==> flow/design.v <==
module mplex #(
  parameter int DWIDTH = 10,
  parameter int NUM = 4,
  parameter int SW = $clog2(NUM)
) (
  input logic CLK,
  input logic [NUM*DWIDTH-1:0] i_val,
  input logic [SW-1:0] i_pick,
  output logic [DWIDTH-1:0] o_y
);
  logic [NUM*DWIDTH-1:0] r_val;
  always_ff @(posedge CLK) begin
    r_val <= i_val;
  end
  logic [SW-1:0] r_pick;
  always_ff @(posedge CLK) begin
    r_pick <= i_pick;
  end
  wire [DWIDTH-1:0] n_ [1:2*NUM-1];
  generate
    for (genvar ii = 0; ii < NUM; ii++) begin : each
      assign n_[NUM+ii] = r_val[ii*DWIDTH +: DWIDTH];
    end
    for (genvar ii = 1; ii < NUM; ii++) begin : blk
      assign n_[ii] = r_pick[SW - $clog2(ii+1)] ? n_[2*ii+1] : n_[2*ii];
    end
  endgenerate
  logic [DWIDTH-1:0] r_y;
  always_ff @(posedge CLK) begin
    r_y <= n_[1];
  end
  assign o_y = r_y;
endmodule
From RTL to reports: mplex
What the tools print for mplex, step after step.
Lines are those of the file above, counted from 1.
Operators: Yosys type, input widths -> output width; for muxes data width and select width s.
{ "inputs": {"design": "mplex", "clock_port": "CLK", "lib": "sky130hd", "pvt_corner": "tt_025C_1v80"} }

Word-level counts
Counts by Yosys on the flattened word-level netlist (proc, flatten, opt, wreduce). Print and check cells are left out. Cells with the same type and inputs are merged into one.
{ "classes": {"muxes": 3} }
{ "op_table": {"columns": ["operator", "n"], "rows": [
  ["$mux 10", 3]
]} }
{ "bits": {"reg_bits": 52, "input_bits": 43, "output_inout_bits": 10} }

Depth
Yosys ltp: most cells in a row. Word level: on the elaborated netlist, between registers, memories and ports. Mapped: between sequential cells and ports; inverters and the memories' decode and read muxes count.
{ "depth": {"word_depth": 2, "abc_area": 0, "depth_mapped": 2, "depth_no_buf": 1} }

Netlist
Source: synth_stat.txt of the flow (Yosys; design flattened, memories mapped). It holds for the ABC_AREA given above (unset counts as 0); a run with the other value may have another netlist.
The area totals of this step are shown rounded.
{ "mapped": {"mapped_cells": 64, "synth_area_mm2": 0.00128, "ff_cells": 52} }
{ "types": {"columns": ["type", "n", "type_area_um2"], "rows": [
  ["sky130_fd_sc_hd__dfxtp_1", 52, 1.04E+03],
  ["sky130_fd_sc_hd__mux4_2", 10, 225.216],
  ["sky130_fd_sc_hd__buf_6", 1, 11.261],
  ["sky130_fd_sc_hd__clkbuf_2", 1, 5.005]
]} }

Path before layout
Source: OpenSTA report_checks on the synthesized netlist (no wires, ideal clock, input and output delay 20% of the period each), path of least setup slack; recovery checks are left aside. Register names are those of the netlist, which keeps one name where synthesis merged equal registers.
{ "synth_path": {"path_type": "flip-flop to flip-flop", "from": "register r_pick[0]", "to": "register r_y[0]", "period_ps": 1360, "setup_ps": 134, "arrival_time_ps": 952, "path_slack_ps": 274, "delay_ps": 1086, "driving_pins": 3, "path_buffers": 1, "period_less_setup_slack_ps": 1086} }
"delay_ps" = arrival - input delay + setup time.
"driving_pins" counts driving pins, that of a launching flip-flop among them; a cell with two outputs on the path counts twice.
"period_less_setup_slack_ps" is the clock period less the worst setup slack; recovery checks do not enter. This is arithmetic on one report: input and output delays are still those of the set period (20% each).
Between the ends stands the longest chain of elaborated cells between them, by number of cells; it is not shown to be the way that was timed. Of several equally long chains one is given.
A line is the first line of the expression or statement that the cell stems from. Yosys adds cells for indexed reads and writes and turns some case tables into memories.
{ "synth_between": {"cell_sequence": "sky130_fd_sc_hd__dfxtp_1 sky130_fd_sc_hd__buf_6 sky130_fd_sc_hd__mux4_2", "elab_chain_cells": 2, "cells_between": 3, "lines_between": 1} }
{ "synth_lines": {"columns": ["item", "line_no", "source"], "rows": [
  ["from (decl)", 15, "logic [SW-1:0] r_pick;"],
  ["from (assign)", 17, "r_pick <= i_pick;"],
  ["$mux 10 x2", 25, "assign n_[ii] = r_pick[SW - $clog2(ii+1)] ? n_[2*ii+1] : n_[2*ii];"],
  ["to (assign)", 30, "r_y <= n_[1];"],
  ["to (decl)", 28, "logic [DWIDTH-1:0] r_y;"]
]} }

Timing after layout
From the final timing report of entry A: the path of least setup slack in the routed layout; clock arrival at registers is part of the times.
The path's times are printed in steps of 10 ps; the period is the one set.
{ "layout_path": {"path_type": "flip-flop to flip-flop", "from": "register r_pick[0]", "to": "register r_y[4]", "period_ps": 1430, "setup_ps": 120, "arrival_time_ps": 1360, "path_slack_ps": 240, "driving_pins": 3, "path_buffers": 1} }
Between the ends stands the longest chain of elaborated cells between them, by number of cells; it is not shown to be the way that was timed. Of several equally long chains one is given.
{ "layout_between": {"cell_sequence": "sky130_fd_sc_hd__dfxtp_1 sky130_fd_sc_hd__buf_4 sky130_fd_sc_hd__mux4_2", "elab_chain_cells": 2, "cells_between": 3, "lines_between": 1} }
{ "layout_lines": {"columns": ["item", "line_no", "source"], "rows": [
  ["from (decl)", 15, "logic [SW-1:0] r_pick;"],
  ["from (assign)", 17, "r_pick <= i_pick;"],
  ["$mux 10 x2", 25, "assign n_[ii] = r_pick[SW - $clog2(ii+1)] ? n_[2*ii+1] : n_[2*ii];"],
  ["to (assign)", 30, "r_y <= n_[1];"],
  ["to (decl)", 28, "logic [DWIDTH-1:0] r_y;"]
]} }

## Implementation results

Flow measurements of mplex on sky130hd: 3 stored runs with different settings, listed in no order. Input and output delays are each 20% of the period that was set; the output load is 0.01 pF.
"achieved_period_ps" is the run's clock period less its worst setup slack. It is reckoned from that one timing run; input and output delays stay at 20% of the period that was set.
"worst_path_ps" is the time allowed to the run's worst setup path (the clock period less input and output delay, where it has them) less its slack. Clock arrival times count: a late capture clock shortens it, a late launch clock lengthens it.
"final_power_mw" is the tool's figure for a default switching activity; nothing was simulated.
"worst_path_ps" is known to 10 ps.
Values from the reports are rounded here.

Entry A
==> flow/run.sh <==
#!/bin/bash
# the make line also repeats the synthesis and layout settings of config.mk as NAME=value (left out here)
make -C /OpenROAD-flow-scripts/flow DESIGN_CONFIG=/design/flow/config.mk WORK_HOME=/design/flow/orfs CLKGATE_MAP_FILE= finish
==> flow/config.mk <==
export PLATFORM = sky130hd
export DESIGN_NAME = mplex
export DESIGN_NICKNAME = mplex
export VERILOG_FILES = /design/flow/design.v
export SDC_FILE = /design/flow/constraint.sdc
export NUM_CORES = 4
export LEC_CHECK = 0
export CAP_MARGIN = 20
export CELL_PAD_IN_SITES_DETAIL_PLACEMENT = 0
export CORE_ASPECT_RATIO = 1.53
export CORE_MARGIN = 2
export CORE_UTILIZATION = 47
export CTS_CLUSTER_SIZE = 40
export GPL_ROUTABILITY_DRIVEN = 1
export GPL_TIMING_DRIVEN = 1
export MAX_ROUTING_LAYER = met4
export MIN_ROUTING_LAYER = met1
export PLACE_DENSITY_LB_ADDON = 0.24
export SLEW_MARGIN = 20
==> flow/constraint.sdc <==
create_clock -name core_clock -period 1.43 [get_ports {CLK}]
set_input_delay 0.2860 -clock core_clock [delete_from_list [all_inputs] [get_ports {CLK}]]
set_output_delay 0.2860 -clock core_clock [all_outputs]
set_load 0.01 [all_outputs]

==> results of entry A, as JSON <==
{
  "final_die_area_mm2": 0.00317,
  "setupTns_ps": 0,
  "setup_worst_slack_ps": 240,
  "achieved_period_ps": 1190,
  "worst_path_ps": 1190,
  "timing.worst_path_kind": "flip-flop to flip-flop",
  "ws_hold_ps": 425,
  "finalCellArea_mm2": 0.00193,
  "utilization_frac": 0.738,
  "final_power_mw": 2.64,
  "ys_area_mm2": 0.00128
}

Entry B
==> flow/run.sh <==
#!/bin/bash
# the make line also repeats the synthesis and layout settings of config.mk as NAME=value (left out here)
make -C /OpenROAD-flow-scripts/flow DESIGN_CONFIG=/design/flow/config.mk WORK_HOME=/design/flow/orfs CLKGATE_MAP_FILE= finish
==> flow/config.mk <==
export PLATFORM = sky130hd
export DESIGN_NAME = mplex
export DESIGN_NICKNAME = mplex
export VERILOG_FILES = /design/flow/design.v
export SDC_FILE = /design/flow/constraint.sdc
export NUM_CORES = 4
export LEC_CHECK = 0
export CAP_MARGIN = 20
export CORE_MARGIN = 2
export CORE_UTILIZATION = 40
export SLEW_MARGIN = 20
==> flow/constraint.sdc <==
create_clock -name core_clock -period 1.36 [get_ports {CLK}]
set_input_delay 0.2720 -clock core_clock [delete_from_list [all_inputs] [get_ports {CLK}]]
set_output_delay 0.2720 -clock core_clock [all_outputs]
set_load 0.01 [all_outputs]

==> results of entry B, as JSON <==
{
  "final_die_area_mm2": 0.00368,
  "setupTns_ps": 0,
  "setup_worst_slack_ps": 136,
  "achieved_period_ps": 1224,
  "worst_path_ps": 950,
  "timing.worst_path_kind": "flip-flop to output port",
  "ws_hold_ps": 346,
  "finalCellArea_mm2": 0.00192,
  "utilization_frac": 0.629,
  "final_power_mw": 2.55,
  "ys_area_mm2": 0.00128
}

Entry C
==> flow/run.sh <==
#!/bin/bash
# the make line also repeats the synthesis and layout settings of config.mk as NAME=value (left out here)
make -C /OpenROAD-flow-scripts/flow DESIGN_CONFIG=/design/flow/config.mk WORK_HOME=/design/flow/orfs CLKGATE_MAP_FILE= finish
==> flow/config.mk <==
export PLATFORM = sky130hd
export DESIGN_NAME = mplex
export DESIGN_NICKNAME = mplex
export VERILOG_FILES = /design/flow/design.v
export SDC_FILE = /design/flow/constraint.sdc
export NUM_CORES = 4
export LEC_CHECK = 0
export CAP_MARGIN = 40
export CELL_PAD_IN_SITES_DETAIL_PLACEMENT = 0
export CORE_MARGIN = 9
export CORE_UTILIZATION = 28
export CTS_CLUSTER_DIAMETER = 93
export GPL_TIMING_DRIVEN = 1
export MAX_ROUTING_LAYER = met4
export PLACE_DENSITY_LB_ADDON = 0.23
export SETUP_SLACK_MARGIN = -0.1
export SLEW_MARGIN = 20
==> flow/constraint.sdc <==
create_clock -name core_clock -period 1.47 [get_ports {CLK}]
set_input_delay 0.2940 -clock core_clock [delete_from_list [all_inputs] [get_ports {CLK}]]
set_output_delay 0.2940 -clock core_clock [all_outputs]
set_load 0.01 [all_outputs]

==> results of entry C, as JSON <==
{
  "final_die_area_mm2": 0.00734,
  "setupTns_ps": 0,
  "setup_worst_slack_ps": 18,
  "achieved_period_ps": 1452,
  "worst_path_ps": 1160,
  "timing.worst_path_kind": "flip-flop to output port",
  "ws_hold_ps": 435,
  "finalCellArea_mm2": 0.00197,
  "utilization_frac": 0.449,
  "final_power_mw": 2.60,
  "ys_area_mm2": 0.00128
}
